==> flow/design.v <==
module gen_comparator #(
    parameter XLEN = 40,
    parameter LANES = 5
) (
    input  wire CLK,
    input  wire rst_n,
    input  wire enable,
    input  wire [LANES*XLEN-1:0] d,
    output wire [XLEN-1:0] hi
);
    reg [LANES*XLEN-1:0] d_ff;
    always @(posedge CLK or negedge rst_n) begin
        if (!rst_n) begin
            d_ff <= 0;
        end else if (enable) begin
            d_ff <= d;
        end
    end
    reg [XLEN-1:0] cur;
    integer k;
    always @* begin
        cur = d_ff[XLEN-1:0];
        for (k = 1; k < LANES; k = k + 1)
            if (d_ff[k*XLEN +: XLEN] > cur) cur = d_ff[k*XLEN +: XLEN];
    end
    reg [XLEN-1:0] hi_ff;
    always @(posedge CLK or negedge rst_n) begin
        if (!rst_n) begin
            hi_ff <= 0;
        end else if (enable) begin
            hi_ff <= cur;
        end
    end
    assign hi = hi_ff;
endmodule
Step by step through the tools: gen_comparator --
The steps from the RTL of gen_comparator to its reports follow in flow order. Lines are those of the file above, counted from 1. Library cell names are shortened. A cell with -- has no value.
Set-up: top module gen_comparator, clock CLK, library sky130hd, timing corner tt_025C_1v80

Elaborated design --
Yosys after proc, flatten, opt, wreduce and memory -nomap, before mapping. Enables and synchronous resets that opt folds into registers are not counted as muxes. Memory bits, and registers merged into a memory's read port (data or address), are not among the register bits. Print and check cells are not counted. Equal cells are merged and count once.
Word-level totals: memory cells 0, bits in writable memories 0, bits in latches 0, output and inout port bits 40, ROM bits 0, word width x clocked read ports 0, flip-flop bits (word level) 240, elaborated cells 10
Cells by class: add/sub/neg operators 0, divide/modulo/power cells 0, eq/ne operators 0, shift-type cells 0, $mul 0, $lt $le $gt $ge 4, reductions and logical operators 0, bitwise operators 0, muxes and demuxes 4
Operator list (number):
- 40-bit > comparator | 4
- 40-bit 2-to-1 mux | 4

Logic depth --
Yosys ltp: most cells in a row. Word level: on the elaborated netlist, between registers, memories and ports. Mapped: between sequential cells and ports; inverters and the memories' decode and read muxes count.
Depth: depth after elaboration 8, ABC_AREA 0, mapped depth 53

Netlist --
Source: synth_stat.txt of the flow (Yosys; design flattened, memories mapped). It holds for the ABC_AREA given above (unset counts as 0); a run with the other value may have another netlist.
Synthesis totals: mapped flip-flops 240, cell area after synthesis 14380.0 µm², mapped cells 1423, buffers 68
Cell types:
- dfrtp_1 | number 240, total area 6005.76 µm²
- ha_1 | number 158, total area 1.98E+03 µm²
- mux2_2 | number 119, total area 1.34E+03 µm²
- o21ai_0 | number 145, total area 725.696 µm²
- nand2_1 | number 176, total area 660.634 µm²
- mux2_4 | number 42, total area 630.605 µm²
- a21oi_1 | number 81, total area 405.389 µm²
- inv_1 | number 85, total area 319.056 µm²
- o221ai_1 | number 36, total area 315.302 µm²
- nand2b_1 | number 45, total area 281.52 µm²
- a21o_1 | number 33, total area 247.738 µm²
- nand4_1 | number 39, total area 243.984 µm²
- clkbuf_1 | number 61, total area 228.97 µm²
- nor2_1 | number 59, total area 221.462 µm²
- nor2b_1 | number 16, total area 100.096 µm²
- o21a_1 | number 10, total area 75.072 µm²
- nand3_1 | number 10, total area 50.048 µm²
- buf_6 | number 4, total area 45.043 µm²
Other cell types: 34; their cells: 64.

Path before layout --
OpenSTA on the mapped netlist: ideal clock, no wires. The path of least setup slack (recovery checks aside). Input and output delay are each 20% of the period. Register names are those of the netlist, which keeps one name where synthesis merged equal registers.
Timing post-synthesis: kind reg2reg, start reg d_ff[62], end reg hi_ff[28], buffers on the path 7, stages on the path 52, arrival 10.310 ns, clock period 13.1 ns, setup slack 2.648 ns, delay of the path 10.452 ns, time at the first pin 0.000 ns, setup time 0.142 ns, synthesis period reached 10.452 ns
"delay of the path" = arrival - input delay + setup time. "stages on the path": output pins that drive a net of the path, with the launching flip-flop's if there is one; two outputs of one cell count as two. "synthesis period reached" is the clock period less the worst setup slack; recovery checks do not enter. This is arithmetic on one report: input and output delays are still those of the set period (20% each). Between the ends stands the longest chain of elaborated cells between them, by number of cells; it is not shown to be the way that was timed. Of several equally long chains one is given. A line is the first line of the expression or statement that the cell stems from. Yosys adds cells for indexed reads and writes and turns some case tables into memories.
Between the ends, post-synthesis: path through dfrtp_1 > ha_1 > nand4_1 > a2111oi_0 > o31ai_1 > and3_1 > nor2_1 > clkbuf_1 > buf_1 > a21oi_1 > ha_1 > nand4_1 > or4_1 > or3_4 > nor3_4 > nand4_1 > a211oi_1 > nor2_1 > (+16 left out) > a211oi_4 > buf_6 > mux2_4 > ha_1 > a21o_1 > a21o_1 > a21oi_1 > nor2b_1 > o21ai_0 > nand2b_1 > a21oi_1 > nor2b_1 > o21ai_0 > o21ai_0 > o22ai_1 > clkbuf_1 > clkbuf_1 > o221ai_1, length of the longest elaborated chain 8
RTL lines, path post-synthesis:
- from (decl) | RTL line 11 | reg [LANES*XLEN-1:0] d_ff;
- from (assign) | RTL line 14 | d_ff <= 0;
- from (assign) | RTL line 16 | d_ff <= d;
- 40-bit > comparator | RTL line 24 | if (d_ff[k*XLEN +: XLEN] > cur) cur = d_ff[k*XLEN +: XLEN];
- 40-bit 2-to-1 mux | RTL line 24
- 40-bit > comparator | RTL line 24
- 40-bit 2-to-1 mux | RTL line 24
- 40-bit > comparator | RTL line 24
- 40-bit 2-to-1 mux | RTL line 24
- 40-bit > comparator | RTL line 24
- 40-bit 2-to-1 mux | RTL line 24
- to (assign) | RTL line 29 | hi_ff <= 0;
- to (assign) | RTL line 31 | hi_ff <= cur;
- to (decl) | RTL line 26 | reg [XLEN-1:0] hi_ff;

Worst path after layout --
Path of least setup slack in the final report of run A (OpenROAD, finished layout, wires in). Where an end is a register, its clock arrival counts in the times.
Timing post-layout: kind reg2reg, start reg d_ff[53], end reg hi_ff[0], arrival 10.74 ns, clock period 12.4 ns, setup slack 2.13 ns, buffers on the path 11, time at the first pin 0.57 ns, stages on the path 51, setup time 0.11 ns
Between the ends stands the longest chain of elaborated cells between them, by number of cells; it is not shown to be the way that was timed. Of several equally long chains one is given.
Between the ends, post-layout: path through dfrtp_1 > ha_1 > a21oi_1 > o21ai_2 > a221o_1 > o31ai_4 > and3_4 > nor2_4 > clkbuf_16 > buf_12 > buf_16 > a21oi_4 > ha_4 > nand4_1 > or4_4 > or3_4 > nor3_4 > and3_4 > (+15 left out) > a31oi_4 > a2111oi_4 > a211oi_4 > buf_12 > buf_12 > buf_8 > mux2_4 > ha_4 > nand4_1 > nor4_4 > nand2_2 > o21ai_4 > o22ai_2 > buf_6 > buf_6 > buf_4 > and2_4 > a221o_1, length of the longest elaborated chain 8
RTL lines, path post-layout:
- from (decl) | RTL line 11 | reg [LANES*XLEN-1:0] d_ff;
- from (assign) | RTL line 14 | d_ff <= 0;
- from (assign) | RTL line 16 | d_ff <= d;
- 40-bit > comparator | RTL line 24 | if (d_ff[k*XLEN +: XLEN] > cur) cur = d_ff[k*XLEN +: XLEN];
- 40-bit 2-to-1 mux | RTL line 24
- 40-bit > comparator | RTL line 24
- 40-bit 2-to-1 mux | RTL line 24
- 40-bit > comparator | RTL line 24
- 40-bit 2-to-1 mux | RTL line 24
- 40-bit > comparator | RTL line 24
- 40-bit 2-to-1 mux | RTL line 24
- to (assign) | RTL line 29 | hi_ff <= 0;
- to (assign) | RTL line 31 | hi_ff <= cur;
- to (decl) | RTL line 26 | reg [XLEN-1:0] hi_ff;

Ticket comment

Measured results for gen_comparator: 3 stored runs of the Yosys and OpenROAD flow on sky130hd. The settings differ; the order carries no meaning. The constraints put input and output delay at 20% of the set period each and load the outputs with 0.01 pF.
"period achieved" = clock period - worst setup slack. The figure is calculated, with input and output delays left at 20% of the set period.
"critical setup path time": the worst setup path's part of the clock period (all of it between registers, 20% less for each end at a port) less its slack. A launch clock that arrives late makes it longer, a capture clock that arrives late makes it shorter.
"power" is the tool's figure for a default switching activity; nothing was simulated.

* Run A | settings: period_ns 12.4; CORE_UTILIZATION 33; SETUP_SLACK_MARGIN 3.61; PLACE_DENSITY_LB_ADDON 0.03; CORE_ASPECT_RATIO 0.87; GPL_TIMING_DRIVEN 0; CTS_CLUSTER_DIAMETER 128; CAP_MARGIN 20; CORE_MARGIN 2; SLEW_MARGIN 20 | results: post-synthesis cell area 14380.0 µm²; full die area 45265.0 µm²; standard-cell area after layout 20801.2 µm²; final design utilization 48.3 %; worst setup slack after layout 2.126 ns; setup TNS 0.000 ns; lowest hold slack 0.498 ns; power 3.982 mW; period achieved 10.274 ns; critical setup path time 10.27 ns; kind of the worst setup path reg2reg
* Run B | settings: period_ns 13.1; CAP_MARGIN 20; CORE_MARGIN 2; CORE_UTILIZATION 40; SLEW_MARGIN 20 | results: post-synthesis cell area 14380.0 µm²; full die area 37482.9 µm²; standard-cell area after layout 18225.0 µm²; final design utilization 51.4 %; worst setup slack after layout 0.934 ns; setup TNS 0.000 ns; lowest hold slack 0.499 ns; power 3.181 mW; period achieved 12.166 ns; critical setup path time 12.17 ns; kind of the worst setup path reg2reg
* Run C | settings: period_ns 12.1; CORE_UTILIZATION 45; SETUP_SLACK_MARGIN -0.36; PLACE_DENSITY_LB_ADDON 0.09; CELL_PAD_IN_SITES_DETAIL_PLACEMENT 2; TNS_END_PERCENT 40; GPL_ROUTABILITY_DRIVEN 0; CTS_CLUSTER_DIAMETER 70; CAP_MARGIN 25; CORE_MARGIN 2; SLEW_MARGIN 20 | no results, routing failed with ODB-0269
